==> flow/design.v <==
module ex_shift_unit_v2 #(
  parameter NBITS = 20,
  parameter SEL_WIDTH = $clog2(NBITS)
) (
  input logic clock,
  input logic [NBITS-1:0] bus,
  input logic [NBITS-1:0] rhs,
  input logic [SEL_WIDTH-1:0] amt,
  output logic [NBITS-1:0] res
);
  logic [NBITS-1:0] r_bus;
  logic [NBITS-1:0] r_rhs;
  logic [SEL_WIDTH-1:0] r_amt;
  always_ff @(posedge clock) begin
    r_bus <= bus;
    r_rhs <= rhs;
    r_amt <= amt;
  end
  logic [2*NBITS-1:0] t;
  assign t = {r_rhs, r_bus} >> r_amt;
  assign res = t[NBITS-1:0];
endmodule
## Reports on ex_shift_unit_v2

Tool output for the design above, in the order of the flow.
Line numbers count from 1 in the design file above.
Operators: Yosys type, input widths -> output width; for muxes data width and select width s.
Cell names lack the library's common part.
A cell with -- has no value.

| set-up | value |
|---|---|
| design top | ex_shift_unit_v2 |
| clock input | clock |
| standard-cell library | sky130hd |
| library corner | tt_025C_1v80 |

## Word level

Yosys after proc, flatten, opt, wreduce and memory -nomap, before mapping. Enables and synchronous resets that opt folds into registers are not counted as muxes. Memory bits, and registers merged into a memory's read port (data or address), are not among the register bits. Print and check cells are not counted. Equal cells are merged and count once.

| bit counts | value |
|---|---|
| register bits | 45 |

| cells by class | value |
|---|---|
| shift-type cells | 1 |

Operators by type and width:

| cell | count |
|---|---|
| $shr 40x5->20 | 1 |

## Longest topological paths

Yosys ltp: most cells in a row. Word level: on the elaborated netlist, between registers, memories and ports. Mapped: between sequential cells and ports; inverters and the memories' decode and read muxes count.

| depth | value |
|---|---|
| depth after elaboration | 1 |
| ABC_AREA | 0 |
| mapped depth | 8 |

## Synthesis result

The flow's flattened synthesis, as Yosys stat reports it; memories are mapped. The netlist is that of the ABC_AREA named above (0 if unset); the other value can give another one.
Totals and module areas in this step are rounded.

| synthesis totals | value |
|---|---|
| buffer cells | 29 |
| flip-flops | 45 |
| mapped area | 3560 µm² |
| cells in the netlist | 316 |

Cells by type:

| type | count |
|---|---|
| mux4_2 | 43 |
| dfxtp_1 | 45 |
| mux2_2 | 35 |
| mux2i_1 | 20 |
| a22oi_1 | 16 |
| nand2_1 | 18 |
| buf_2 | 13 |
| mux2_4 | 4 |
| nand3_1 | 11 |
| o211ai_1 | 6 |
| nor2b_1 | 7 |
| nor2_1 | 10 |
| a221oi_1 | 4 |
| a2bb2oi_1 | 4 |
| and2_1 | 5 |
| a222oi_1 | 3 |
| o21ai_0 | 6 |
| a211o_1 | 3 |

Not listed: further types 31, cells in them 63.

## Path before layout

OpenSTA on the mapped netlist: ideal clock, no wires. The path of least setup slack (recovery checks aside). Input and output delay are each 20% of the period. Register names are those of the netlist, which keeps one name where synthesis merged equal registers.

| timing path after synthesis | value |
|---|---|
| path type | reg2out |
| start | register r_amt[0] |
| end | output port res[3] |
| buffers on the path | 3 |
| path slack | 0.450 ns |
| arrival time | 1.798 ns |
| driving pins on the path | 7 |
| launch time at the first pin | 0.000 ns |
| period | 2.81 ns |
| external output delay | 0.562 ns |
| path delay | 1.798 ns |
| synthesis period reached | 2.36 ns |

"path delay" is the arrival time less input delay plus setup time.
At an output port there is no setup time.
"driving pins on the path" counts driving pins, that of a launching flip-flop among them; a cell with two outputs on the path counts twice.
"synthesis period reached" = period - worst setup slack (recovery checks aside). The figure is calculated, with input and output delays left at 20% of the set period.
The rows between start and end are the longest chain of elaborated cells between them; the timing report does not say that the signal goes this way. Where chains are equally long, one stands for them.
A line is the first line of the expression or statement that the cell stems from. Yosys adds cells for indexed reads and writes and turns some case tables into memories.

| on the way, after synthesis | value |
|---|---|
| path through | dfxtp_1 > buf_6 > buf_4 > buf_4 > mux4_2 > a222oi_1 > o2111ai_1 |
| length of the longest elaborated chain | 1 |
| elaborated cells between the ends (all ways) | 1 |
| RTL lines with such cells | 1 |

RTL lines, path after synthesis:

| element | RTL line | RTL |
|---|---|---|
| start, declared | 13 | `logic [SEL_WIDTH-1:0] r_amt;` |
| start, assigned | 17 | `r_amt <= amt;` |
| $shr 40x5->20 | 20 | `assign t = {r_rhs, r_bus} >> r_amt;` |
| end, declared | 9 | `output logic [NBITS-1:0] res` |

## Timing after layout

From the final timing report of run 1: the path of least setup slack in the routed layout; clock arrival at registers is part of the times.

| timing path after layout | value |
|---|---|
| path type | reg2out |
| start | register r_amt[0] |
| end | output port res[1] |
| path slack | -0.28 ns |
| launch time at the first pin | 0.30 ns |
| external output delay | 0.56 ns |
| period | 2.79 ns |
| arrival time | 2.51 ns |
| buffers on the path | 3 |
| driving pins on the path | 8 |

The rows between start and end are the longest chain of elaborated cells between them; the timing report does not say that the signal goes this way. Where chains are equally long, one stands for them.

| on the way, after layout | value |
|---|---|
| path through | dfxtp_4 > buf_6 > mux4_2 > a222oi_1 > buf_4 > o221a_2 > o311ai_0 > clkdlybuf4s15_1 |
| length of the longest elaborated chain | 1 |
| elaborated cells between the ends (all ways) | 1 |
| RTL lines with such cells | 1 |

RTL lines, path after layout:

| element | RTL line | RTL |
|---|---|---|
| start, declared | 13 | `logic [SEL_WIDTH-1:0] r_amt;` |
| start, assigned | 17 | `r_amt <= amt;` |
| $shr 40x5->20 | 20 | `assign t = {r_rhs, r_bus} >> r_amt;` |
| end, declared | 9 | `output logic [NBITS-1:0] res` |

Below are 3 stored runs of the flow (Yosys, OpenROAD; platform sky130hd) on ex_shift_unit_v2, each with its settings and what was measured, unordered. Constraints: input delay and output delay 20% of the set period each, output load 0.01 pF.
"clock period achieved" = clock period - worst setup slack. The figure is calculated, with input and output delays left at 20% of the set period.
"power consumption": no workload was simulated; the value follows from the tool's default switching activity.
The results are shown rounded.

#### Run 1

| setting | value |
|---|---|
| period_ns | `2.79` |
| CORE_UTILIZATION | `32` |
| SETUP_SLACK_MARGIN | `0.71` |
| PLACE_DENSITY_LB_ADDON | `0.01` |
| CORE_ASPECT_RATIO | `1.84` |
| TNS_END_PERCENT | `10` |
| CAP_MARGIN | `20` |
| CORE_MARGIN | `2` |
| SLEW_MARGIN | `20` |

| result | value |
|---|---|
| chip area in the Yosys report | 3560 µm² |
| smallest setup slack | -0.278 ns |
| final utilization | 48.1 % |
| clock period achieved | 3.068 ns |
| die footprint | 12000 µm² |
| power consumption | 2.22 mW |

#### Run 2

| setting | value |
|---|---|
| period_ns | `2.81` |
| CAP_MARGIN | `20` |
| CORE_MARGIN | `2` |
| CORE_UTILIZATION | `40` |
| SLEW_MARGIN | `20` |

| result | value |
|---|---|
| chip area in the Yosys report | 3560 µm² |
| smallest setup slack | -0.228 ns |
| final utilization | 60.7 % |
| clock period achieved | 3.038 ns |
| die footprint | 9680 µm² |
| power consumption | 2.07 mW |

#### Run 3

| setting | value |
|---|---|
| period_ns | `1.69` |
| CORE_UTILIZATION | `40` |
| SETUP_SLACK_MARGIN | `0.12` |
| PLACE_DENSITY_LB_ADDON | `0.16` |
| CORE_ASPECT_RATIO | `0.75` |
| CELL_PAD_IN_SITES_GLOBAL_PLACEMENT | `3` |
| TNS_END_PERCENT | `30` |
| ABC_AREA | `1` |
| GPL_TIMING_DRIVEN | `1` |
| CAP_MARGIN | `15` |
| SLEW_MARGIN | `0` |
| CORE_MARGIN | `2` |

Unfinished; error FLW-0024 in placement.
